==> flow/design.v <==
module dp_plus_rtl #(
    parameter DATA_WIDTH = 112
) (
    input wire clk,
    input wire rst_ni,
    input wire [DATA_WIDTH-1:0] i_da,
    input wire [DATA_WIDTH-1:0] i_db,
    input wire i_cin,
    output reg [DATA_WIDTH-1:0] o_total,
    output reg o_ovf
);
    localparam GROUPS = DATA_WIDTH / 4;
    wire [DATA_WIDTH-1:0] tmp;
    wire [GROUPS:0] carry;
    assign carry[0] = i_cin;
    genvar g;
    generate
        for (g = 0; g < GROUPS; g = g + 1) begin : slice
            dp_plus_rtl_nibble el (.a(i_da[4*g +: 4]), .b(i_db[4*g +: 4]), .ci(carry[g]), .s(tmp[4*g +: 4]), .co(carry[g+1]));
        end
    endgenerate
    always @(posedge clk or negedge rst_ni) begin
        if (~rst_ni) begin
            o_total <= 0;
        end else begin
            o_total <= tmp;
        end
    end
    always @(posedge clk or negedge rst_ni) begin
        if (~rst_ni) begin
            o_ovf <= 1'b0;
        end else begin
            o_ovf <= carry[GROUPS];
        end
    end
endmodule
module dp_plus_rtl_nibble (
    input wire [3:0] a,
    input wire [3:0] b,
    input wire ci,
    output wire [3:0] s,
    output wire co
);
    wire [3:0] g = a & b;
    wire [3:0] p = a ^ b;
    wire c1 = g[0] | (p[0] & ci);
    wire c2 = g[1] | (p[1] & g[0]) | (p[1] & p[0] & ci);
    wire c3 = g[2] | (p[2] & g[1]) | (p[2] & p[1] & g[0]) | (p[2] & p[1] & p[0] & ci);
    assign co = g[3] | (p[3] & g[2]) | (p[3] & p[2] & g[1]) | (p[3] & p[2] & p[1] & g[0]) | (&p & ci);
    assign s = p ^ {c3, c2, c1, ci};
endmodule
# Reports on dp_plus_rtl
# Tool output for the design above, in the order of the flow.
# Lines are those of the file above, counted from 1.
# Cell names lack the library's common part.
# Not given: --
[design]
top = "dp_plus_rtl"
clock = "clk"
library = "sky130hd"
pvt_corner = "tt_025C_1v80"

# After elaboration
# Source: Yosys, flattened and elaborated, memories not mapped. Widths are those after wreduce; folded enables and synchronous resets count as part of the registers. Registers that Yosys merges into a memory's read port (data or address) are not register bits. Print and check cells do not count. Equal cells are merged and count once.
[bits]
elab_cells = 814
clocked_rd_ports_x_width = 0
in_bits = 227
register_bits = 113
mem_bits_rw = 0
latch_bits = 0
romBits = 0
n_memories = 0
out_inout_bits = 113
[classes]
add_sub_neg = 0
n_shift = 0
muxes = 0
reduce_logical = 28
multipliers = 0
div_mod_pow = 0
bitwise = 784
n_eq = 0
n_cmp = 0
[ops]
columns = ["cell", "count"]
rows = [
  ["1-bit AND", 420],
  ["1-bit bitwise OR", 280],
  ["4-bit bitwise XOR", 56],
  ["4-bit AND", 28],
  ["4-bit AND reduction", 28],
]

# Logic depth
# Longest topological path by Yosys (ltp), each cell counted once; first at word level (registers and memories cut), then after technology mapping (sequential cells cut; the memories' decode and read muxes count).
[depth]
ltp_word = 61
abc_area = 0
mapped_depth = 14
mapped_depth_nobuf = 14

# Mapped cells and area
# Source: synth_stat.txt of the flow (Yosys; design flattened, memories mapped). It holds for the ABC_AREA given above (unset counts as 0); a run with the other value may have another netlist.
[mapped]
ff_cells = 113
cells = 709
synth_area_um2 = 7637.3
[by_type]
columns = ["cell", "count"]
rows = [
  ["dfrtp_1", 113],
  ["ha_1", 112],
  ["fa_1", 28],
  ["xor2_1", 43],
  ["a21oi_1", 72],
  ["xnor2_1", 35],
  ["a21o_1", 28],
  ["nand2_1", 50],
  ["nor2_1", 38],
  ["o21ai_0", 27],
  ["inv_1", 28],
  ["nand4_1", 15],
  ["o21bai_1", 11],
  ["nand3_1", 12],
  ["o21a_1", 8],
  ["nor3_1", 8],
  ["and4_1", 4],
  ["o21ai_1", 7],
]
# Not listed: further types 37, cells in them 70.
# The figures by module come from a second, unflattened synthesis with its own total; it is not the netlist above.
[hier_totals]
hier_cells = 589
area_unflattened_um2 = 6961.7
# Each row is one instance without its submodules.
[modules]
columns = ["mod", "instances", "mod_area_um2", "cells"]
rows = [
  ["dp_plus_rtl_nibble", 28, 147.6, 17],
  ["dp_plus_rtl", 1, 2827.7, 113],
]

# Path before layout
# OpenSTA on the mapped netlist: ideal clock, no wires. The path of least setup slack (recovery checks aside). Input and output delay are each 20% of the period. Register names are those of the netlist, which keeps one name where synthesis merged equal registers.
[synth_timing]
kind = "input -> register"
start = "in i_da[0]"
end = "reg o_total[105]"
t_arrival_ns = 3.612
in_delay_ns = 0.890
path_stages = 14
clock_period_ns = 4.45
setup_ns = 0.124
path_delay_ns = 2.846
setup_slack_ns = 0.714
n_path_buf = 0
t_required_ns = 4.326
period_less_setup_slack_ns = 3.736
# "path_delay_ns" = arrival - input delay + setup time.
# "path_stages": output pins that drive a net of the path, with the launching flip-flop's if there is one; two outputs of one cell count as two.
# "period_less_setup_slack_ns" is the clock period less the worst setup slack; recovery checks do not enter. This is arithmetic on one report: input and output delays are still those of the set period (20% each).
# The rows between start and end are the longest chain of elaborated cells between them; the timing report does not say that the signal goes this way. Where chains are equally long, one stands for them.
# A line is the first line of the expression or statement that the cell stems from. Yosys adds cells for indexed reads and writes and turns some case tables into memories.
[synth_between]
path_cell_list = "ha_1 > a211oi_2 > o21ai_1 > o311ai_2 > a31oi_1 > a21oi_2 > nor3_2 > nor2_1 > o21bai_1 > o41ai_2 > o21bai_1 > a21o_1 > fa_1 > xor2_1"
elab_chain_cells = 57
[synth_lines]
columns = ["element", "line", "source"]
rows = [
  ["start, declared", 6, "input wire [DATA_WIDTH-1:0] i_da,"],
  ["4-bit AND", 44, "wire [3:0] g = a & b;"],
  ["1-bit AND", 49, "assign co = g[3] | (p[3] & g[2]) | (p[3] & p[2] & g[1]) | (p[3] & p[2] & p[1] & g[0]) | (&p & ci);"],
  ["1-bit bitwise OR x2", 49, ""],
  ["1-bit AND", 49, ""],
  ["1-bit bitwise OR", 49, ""],
  ["1-bit AND", 49, ""],
  ["1-bit bitwise OR", 49, ""],
  ["[... 42 more ...]", "--", ""],
  ["1-bit AND", 49, ""],
  ["1-bit bitwise OR", 49, ""],
  ["1-bit AND", 49, ""],
  ["1-bit bitwise OR", 49, ""],
  ["1-bit AND", 46, "wire c1 = g[0] | (p[0] & ci);"],
  ["1-bit bitwise OR", 46, ""],
  ["4-bit bitwise XOR", 50, "assign s = p ^ {c3, c2, c1, ci};"],
  ["end, assigned", 24, "o_total <= 0;"],
  ["end, assigned", 26, "o_total <= tmp;"],
  ["end, declared", 9, "output reg [DATA_WIDTH-1:0] o_total,"],
]

# Worst path after layout
# From the final timing report of stored run 1: the path of least setup slack in the routed layout; clock arrival at registers is part of the times.
[layout_timing]
kind = "input -> register"
start = "in i_da[0]"
end = "reg o_total[105]"
t_arrival_ns = 4.42
in_delay_ns = 0.89
path_stages = 15
clock_period_ns = 4.45
setup_slack_ns = 0.33
n_path_buf = 1
t_required_ns = 4.75
setup_ns = 0.11
# The rows between start and end are the longest chain of elaborated cells between them; the timing report does not say that the signal goes this way. Where chains are equally long, one stands for them.
[layout_between]
path_cell_list = "clkdlybuf4s50_1 > ha_1 > a211oi_2 > o21ai_1 > o311ai_2 > a31oi_1 > a21oi_2 > nor3_2 > nor2_1 > o21bai_1 > o41ai_2 > o21bai_1 > a21o_1 > fa_1 > xor2_1"
elab_chain_cells = 57
[layout_lines]
columns = ["element", "line", "source"]
rows = [
  ["start, declared", 6, "input wire [DATA_WIDTH-1:0] i_da,"],
  ["4-bit AND", 44, "wire [3:0] g = a & b;"],
  ["1-bit AND", 49, "assign co = g[3] | (p[3] & g[2]) | (p[3] & p[2] & g[1]) | (p[3] & p[2] & p[1] & g[0]) | (&p & ci);"],
  ["1-bit bitwise OR x2", 49, ""],
  ["1-bit AND", 49, ""],
  ["1-bit bitwise OR", 49, ""],
  ["1-bit AND", 49, ""],
  ["1-bit bitwise OR", 49, ""],
  ["[... 42 more ...]", "--", ""],
  ["1-bit AND", 49, ""],
  ["1-bit bitwise OR", 49, ""],
  ["1-bit AND", 49, ""],
  ["1-bit bitwise OR", 49, ""],
  ["1-bit AND", 46, "wire c1 = g[0] | (p[0] & ci);"],
  ["1-bit bitwise OR", 46, ""],
  ["4-bit bitwise XOR", 50, "assign s = p ^ {c3, c2, c1, ci};"],
  ["end, assigned", 24, "o_total <= 0;"],
  ["end, assigned", 26, "o_total <= tmp;"],
  ["end, declared", 9, "output reg [DATA_WIDTH-1:0] o_total,"],
]

# Design dp_plus_rtl on sky130hd. What follows are 3 stored runs of the flow, each under its own settings; their order means nothing. The constraints put input and output delay at 20% of the set period each and load the outputs with 0.01 pF.
# By "period_less_ws_ns" is meant the clock period of the run minus its worst setup slack. This is arithmetic on one report: input and output delays are still those of the set period (20% each).
# "worst_path_allowed_less_slack_ns" means the part of the period allowed to the worst setup path (the constraints hold back 20% at inputs and 20% at outputs) less its slack; where the path has registers, the arrival times of their clocks count too.

[[run]]
name = "stored run 1"
[run.settings]
period_ns = 4.45
CAP_MARGIN = 20
CORE_MARGIN = 2
CORE_UTILIZATION = 40
SLEW_MARGIN = 20
[run.results]
yosys.chip_area_um2 = 7637.3
total_die_area_um2 = 20215.2
final_stdcell_area_um2 = 12164.2
setup_worst_slack_ns = 0.329
setupTns_ns = 0.000
period_less_ws_ns = 4.121
worst_path_allowed_less_slack_ns = 3.23
worstPathKind = "input -> register"

[[run]]
name = "stored run 2"
[run.settings]
period_ns = 2.41
CORE_UTILIZATION = 48
SETUP_SLACK_MARGIN = 0.28
PLACE_DENSITY = 0.64
TNS_END_PERCENT = 60
ABC_AREA = 0
CAP_MARGIN = 30
MAX_ROUTING_LAYER = "met5"
CORE_MARGIN = 2
SLEW_MARGIN = 20
[run.results]
outcome = "unfinished; error DPL-0038 in clock tree synthesis"

[[run]]
name = "stored run 3"
[run.settings]
period_ns = 4.99
CORE_UTILIZATION = 35
PLACE_DENSITY = 0.52
CORE_ASPECT_RATIO = 1.83
CELL_PAD_IN_SITES_GLOBAL_PLACEMENT = 2
CELL_PAD_IN_SITES_DETAIL_PLACEMENT = 1
TNS_END_PERCENT = 50
ABC_AREA = 0
GPL_TIMING_DRIVEN = 1
CTS_CLUSTER_SIZE = 47
CAP_MARGIN = 20
CORE_MARGIN = 2
SLEW_MARGIN = 20
[run.results]
yosys.chip_area_um2 = 7637.3
total_die_area_um2 = 23072.5
final_stdcell_area_um2 = 12030.3
setup_worst_slack_ns = 0.617
setupTns_ns = 0.000
period_less_ws_ns = 4.373
worst_path_allowed_less_slack_ns = 3.38
worstPathKind = "input -> register"
